==> flow/design.v <==
module adder_la4 (
  input wire [3:0] a,
  input wire [3:0] b,
  input wire ci,
  output wire [3:0] s,
  output wire co
);
  wire [3:0] g = a & b;
  wire [3:0] p = a ^ b;
  wire c1 = g[0] | (p[0] & ci);
  wire c2 = g[1] | (p[1] & g[0]) | (p[1] & p[0] & ci);
  wire c3 = g[2] | (p[2] & g[1]) | (p[2] & p[1] & g[0]) | (p[2] & p[1] & p[0] & ci);
  assign co = g[3] | (p[3] & g[2]) | (p[3] & p[2] & g[1]) | (p[3] & p[2] & p[1] & g[0]) | (&p & ci);
  assign s = p ^ {c3, c2, c1, ci};
endmodule
module adder #(
  parameter WIDTH = 80
) (
  input wire ck,
  input wire clk_en,
  input wire [WIDTH-1:0] src1_i,
  input wire [WIDTH-1:0] src2_i,
  input wire c0_i,
  output reg [WIDTH-1:0] res_o,
  output reg ovf_o
);
  reg [WIDTH-1:0] src1_d1;
  reg [WIDTH-1:0] src2_d1;
  reg c0_d1;
  always @(posedge ck) begin
    if (clk_en) begin
      src1_d1 <= src1_i;
      src2_d1 <= src2_i;
      c0_d1 <= c0_i;
    end
  end
  localparam GROUPS = WIDTH / 4;
  wire [WIDTH-1:0] t;
  wire [GROUPS:0] cy;
  assign cy[0] = c0_d1;
  genvar ii;
  generate
    for (ii = 0; ii < GROUPS; ii = ii + 1) begin : row
      adder_la4 u (.a(src1_d1[4*ii +: 4]), .b(src2_d1[4*ii +: 4]), .ci(cy[ii]), .s(t[4*ii +: 4]), .co(cy[ii+1]));
    end
  endgenerate
  always @(posedge ck) begin
    if (clk_en) begin
      res_o <= t;
      ovf_o <= cy[GROUPS];
    end
  end
endmodule
From RTL to reports: adder:

The steps from the RTL of adder to its reports follow in flow order.
Lines are those of the file above, counted from 1.
Operators carry their Yosys type and port widths (W data, S select, Z words).
Library cell names are shortened.
A cell with - has no value.

* top: adder
* clock input: ck
* library: sky130hd
* corner: tt_025C_1v80

After elaboration:

Yosys after proc, flatten, opt, wreduce and memory -nomap, before mapping. Enables and synchronous resets that opt folds into registers are not counted as muxes. Memory bits, and registers merged into a memory's read port (data or address), are not among the register bits. Print and check cells are not counted. Equal cells are merged and count once.

* reduce/logical cells: 20
* bitwise gates (word level): 560

Operators with widths (count)
* $and A1 B1 Y1: 300
* $or A1 B1 Y1: 200
* $xor A4 B4 Y4: 40
* $and A4 B4 Y4: 20
* $reduce_and A4 Y1: 20

* register bits after elaboration: 242

Logic depth:

Yosys ltp: most cells in a row. Word level: on the elaborated netlist, between registers, memories and ports. Mapped: between sequential cells and ports; inverters and the memories' decode and read muxes count.

* depth after elaboration: 45
* ABC_AREA: 0
* depth in mapped cells: 13
* gate-level depth less buffers: 13

Mapped cells and area:

The flow's flattened synthesis, as Yosys stat reports it; memories are mapped. The netlist is that of the ABC_AREA named above (0 if unset); the other value can give another one.

* area of sequential cells: 0.007267 mm2
* cell area after synthesis: 0.0108366 mm2
* mapped flip-flops: 242
* mapped cells: 687

Cells by type (count)
* edfxtp_1: 242
* ha_1: 80
* fa_1: 20
* xnor2_1: 30
* a21oi_1: 49
* xor2_1: 25
* a21o_1: 18
* nor2_1: 35
* nand2_1: 29
* nand4_1: 16
* inv_1: 25
* nor3_1: 12
* o21ai_0: 12
* o21ai_1: 11
* o21bai_1: 7
* a211oi_1: 6
* a211oi_2: 3
* o21a_1: 5

Not listed: further types 39, cells in them 62.
The figures by module come from a second, unflattened synthesis with its own total; it is not the netlist above.

* cell total of the unflattened synthesis: 582
* area total of the unflattened synthesis: 0.0102198 mm2

Each row is one instance without its submodules.

Modules
* adder: cells 242, area 0.007267 mm2, instances 1
* adder_la4: cells 17, area 0.0001476 mm2, instances 20

Worst setup path after synthesis:

Source: OpenSTA report_checks on the synthesized netlist (no wires, ideal clock, input and output delay 20% of the period each), path of least setup slack; recovery checks are left aside. Register names are those of the netlist, which keeps one name where synthesis merged equal registers.

* path kind: flip-flop to flip-flop
* start point: register src2_d1[0]
* end point: register res_o[65]
* clock period: 3.74 ns
* library setup time: 0.262 ns
* delay of the path: 2.989 ns
* setup slack: 0.751 ns
* stages on the path: 13
* data arrival time: 2.727 ns
* period reached after synthesis: 2.989 ns

"delay of the path" = arrival - input delay + setup time.
"stages on the path": output pins that drive a net of the path, with the launching flip-flop's if there is one; two outputs of one cell count as two.
"period reached after synthesis" is the clock period less the worst setup slack; recovery checks do not enter. This is arithmetic on one report: input and output delays are still those of the set period (20% each).
The rows between start and end are the longest chain of elaborated cells between them; the timing report does not say that the signal goes this way. Where chains are equally long, one stands for them.
Each line given opens the expression or statement behind the cell; cells for indexed reads and writes are added by Yosys, which also makes memories of some case tables.

* path through: edfxtp_1 > ha_1 > a211oi_2 > nor2_2 > a211oi_4 > o31ai_1 > a211oi_2 > a21oi_1 > nor2_2 > o21ai_1 > a21o_1 > fa_1 > xor2_1
* cells in the longest elaborated chain: 37
* elaborated cells between the ends (all ways): 40
* RTL lines with such cells: 5
* classes of those cells: 39 x logic; 1 x reduce/logical

Ends and longest elaborated chain, post-synthesis
* start, declared: RTL line 28 `reg [WIDTH-1:0] src2_d1;`
* start, assigned: RTL line 33 `src2_d1 <= src2_i;`
* $and A4 B4 Y4: RTL line 8 `wire [3:0] g = a & b;`
* $and A1 B1 Y1: RTL line 13 `assign co = g[3] | (p[3] & g[2]) | (p[3] & p[2] & g[1]) | (p[3] & p[2] & p[1] & g[0]) | (&p & ci);`
* $or A1 B1 Y1 x2: RTL line 13
* $and A1 B1 Y1: RTL line 13
* $or A1 B1 Y1: RTL line 13
* $and A1 B1 Y1: RTL line 13
* $or A1 B1 Y1: RTL line 13
* (+22 left out)
* $and A1 B1 Y1: RTL line 13
* $or A1 B1 Y1: RTL line 13
* $and A1 B1 Y1: RTL line 13
* $or A1 B1 Y1: RTL line 13
* $and A1 B1 Y1: RTL line 10 `wire c1 = g[0] | (p[0] & ci);`
* $or A1 B1 Y1: RTL line 10
* $xor A4 B4 Y4: RTL line 14 `assign s = p ^ {c3, c2, c1, ci};`
* end, assigned: RTL line 49 `res_o <= t;`
* end, declared: RTL line 24 `output reg [WIDTH-1:0] res_o,`

Worst path after layout:

From the final timing report of entry A: the path of least setup slack in the routed layout; clock arrival at registers is part of the times.

* path kind: flip-flop to flip-flop
* start point: register src2_d1[0]
* end point: register res_o[65]
* data arrival time: 3.67 ns
* library setup time: 0.25 ns
* setup slack: 0.34 ns
* clock period: 3.74 ns
* stages on the path: 13

The rows between start and end are the longest chain of elaborated cells between them; the timing report does not say that the signal goes this way. Where chains are equally long, one stands for them.

* path through: edfxtp_1 > ha_1 > a211oi_2 > nor2_2 > a211oi_4 > o31ai_1 > a211oi_2 > a21oi_1 > nor2_2 > o21ai_1 > a21o_1 > fa_1 > xor2_1
* cells in the longest elaborated chain: 37
* elaborated cells between the ends (all ways): 40
* RTL lines with such cells: 5
* classes of those cells: 39 x logic; 1 x reduce/logical

Ends and longest elaborated chain, after layout
* start, declared: RTL line 28 `reg [WIDTH-1:0] src2_d1;`
* start, assigned: RTL line 33 `src2_d1 <= src2_i;`
* $and A4 B4 Y4: RTL line 8 `wire [3:0] g = a & b;`
* $and A1 B1 Y1: RTL line 13 `assign co = g[3] | (p[3] & g[2]) | (p[3] & p[2] & g[1]) | (p[3] & p[2] & p[1] & g[0]) | (&p & ci);`
* $or A1 B1 Y1 x2: RTL line 13
* $and A1 B1 Y1: RTL line 13
* $or A1 B1 Y1: RTL line 13
* $and A1 B1 Y1: RTL line 13
* $or A1 B1 Y1: RTL line 13
* (+22 left out)
* $and A1 B1 Y1: RTL line 13
* $or A1 B1 Y1: RTL line 13
* $and A1 B1 Y1: RTL line 13
* $or A1 B1 Y1: RTL line 13
* $and A1 B1 Y1: RTL line 10 `wire c1 = g[0] | (p[0] & ci);`
* $or A1 B1 Y1: RTL line 10
* $xor A4 B4 Y4: RTL line 14 `assign s = p ^ {c3, c2, c1, ci};`
* end, assigned: RTL line 49 `res_o <= t;`
* end, declared: RTL line 24 `output reg [WIDTH-1:0] res_o,`

Data sheet: physical implementation of adder

Design adder on sky130hd. What follows are 3 stored runs of the flow, each under its own settings; their order means nothing. The constraints put input and output delay at 20% of the set period each and load the outputs with 0.01 pF.
"overall power": no workload was simulated; the value follows from the tool's default switching activity.

### Entry A

==> flow/run.sh <==
#!/bin/bash
# the make line also repeats the synthesis and layout settings of config.mk as NAME=value (left out here)
make -C /OpenROAD-flow-scripts/flow DESIGN_CONFIG=/design/flow/config.mk WORK_HOME=/design/flow/orfs CLKGATE_MAP_FILE= finish
==> flow/config.mk <==
export PLATFORM = sky130hd
export DESIGN_NAME = adder
export DESIGN_NICKNAME = adder
export VERILOG_FILES = /design/flow/design.v
export SDC_FILE = /design/flow/constraint.sdc
export NUM_CORES = 4
export LEC_CHECK = 0
export CAP_MARGIN = 20
export CORE_MARGIN = 2
export CORE_UTILIZATION = 40
export SLEW_MARGIN = 20
==> flow/constraint.sdc <==
create_clock -name core_clock -period 3.74 [get_ports {ck}]
set_input_delay 0.7480 -clock core_clock [delete_from_list [all_inputs] [get_ports {ck}]]
set_output_delay 0.7480 -clock core_clock [all_outputs]
set_load 0.01 [all_outputs]

Results of entry A:
- Area inside the die boundary: 0.0284243 mm2
- Setup slack of the critical path: 0.340 ns
- Standard-cell area of the final layout: 0.0146966 mm2
- Lowest hold slack: 0.642 ns
- Overall power: 7.772 mW
- Utilization: 54.8%
- Setup total negative slack: 0.000 ns
- Mapped cell area after synthesis: 0.0108366 mm2

### Entry B

==> flow/run.sh <==
#!/bin/bash
# the make line also repeats the synthesis and layout settings of config.mk as NAME=value (left out here)
make -C /OpenROAD-flow-scripts/flow DESIGN_CONFIG=/design/flow/config.mk WORK_HOME=/design/flow/orfs CLKGATE_MAP_FILE= finish
==> flow/config.mk <==
export PLATFORM = sky130hd
export DESIGN_NAME = adder
export DESIGN_NICKNAME = adder
export VERILOG_FILES = /design/flow/design.v
export SDC_FILE = /design/flow/constraint.sdc
export NUM_CORES = 4
export LEC_CHECK = 0
export CAP_MARGIN = 20
export CELL_PAD_IN_SITES_GLOBAL_PLACEMENT = 3
export CORE_MARGIN = 8
export CORE_UTILIZATION = 46
export CTS_CLUSTER_SIZE = 44
export GPL_ROUTABILITY_DRIVEN = 1
export PLACE_DENSITY_LB_ADDON = 0.1
export SLEW_MARGIN = 30
==> flow/constraint.sdc <==
create_clock -name core_clock -period 2.34 [get_ports {ck}]
set_input_delay 0.4680 -clock core_clock [delete_from_list [all_inputs] [get_ports {ck}]]
set_output_delay 0.4680 -clock core_clock [all_outputs]
set_load 0.01 [all_outputs]

Results of entry B:
- Area inside the die boundary: 0.0287252 mm2
- Setup slack of the critical path: -0.714 ns
- Standard-cell area of the final layout: 0.0165934 mm2
- Lowest hold slack: 0.374 ns
- Overall power: 12.979 mW
- Utilization: 71.1%
- Setup total negative slack: -38.128 ns
- Mapped cell area after synthesis: 0.0108366 mm2

### Entry C

==> flow/run.sh <==
#!/bin/bash
# the make line also repeats the synthesis and layout settings of config.mk as NAME=value (left out here)
make -C /OpenROAD-flow-scripts/flow DESIGN_CONFIG=/design/flow/config.mk WORK_HOME=/design/flow/orfs CLKGATE_MAP_FILE= finish
==> flow/config.mk <==
export PLATFORM = sky130hd
export DESIGN_NAME = adder
export DESIGN_NICKNAME = adder
export VERILOG_FILES = /design/flow/design.v
export SDC_FILE = /design/flow/constraint.sdc
export NUM_CORES = 4
export LEC_CHECK = 0
export CAP_MARGIN = 20
export CORE_MARGIN = 6
export CORE_UTILIZATION = 34
export CTS_CLUSTER_DIAMETER = 266
export MAX_ROUTING_LAYER = met5
export MIN_ROUTING_LAYER = met1
export PLACE_DENSITY = 0.65
export SETUP_SLACK_MARGIN = -0.08
export SLEW_MARGIN = 10
export TNS_END_PERCENT = 35
==> flow/constraint.sdc <==
create_clock -name core_clock -period 5.28 [get_ports {ck}]
set_input_delay 1.0560 -clock core_clock [delete_from_list [all_inputs] [get_ports {ck}]]
set_output_delay 1.0560 -clock core_clock [all_outputs]
set_load 0.01 [all_outputs]

Results of entry C:
- Area inside the die boundary: 0.0363017 mm2
- Setup slack of the critical path: 1.699 ns
- Standard-cell area of the final layout: 0.0146115 mm2
- Lowest hold slack: 0.633 ns
- Overall power: 5.352 mW
- Utilization: 47.1%
- Setup total negative slack: 0.000 ns
- Mapped cell area after synthesis: 0.0108366 mm2
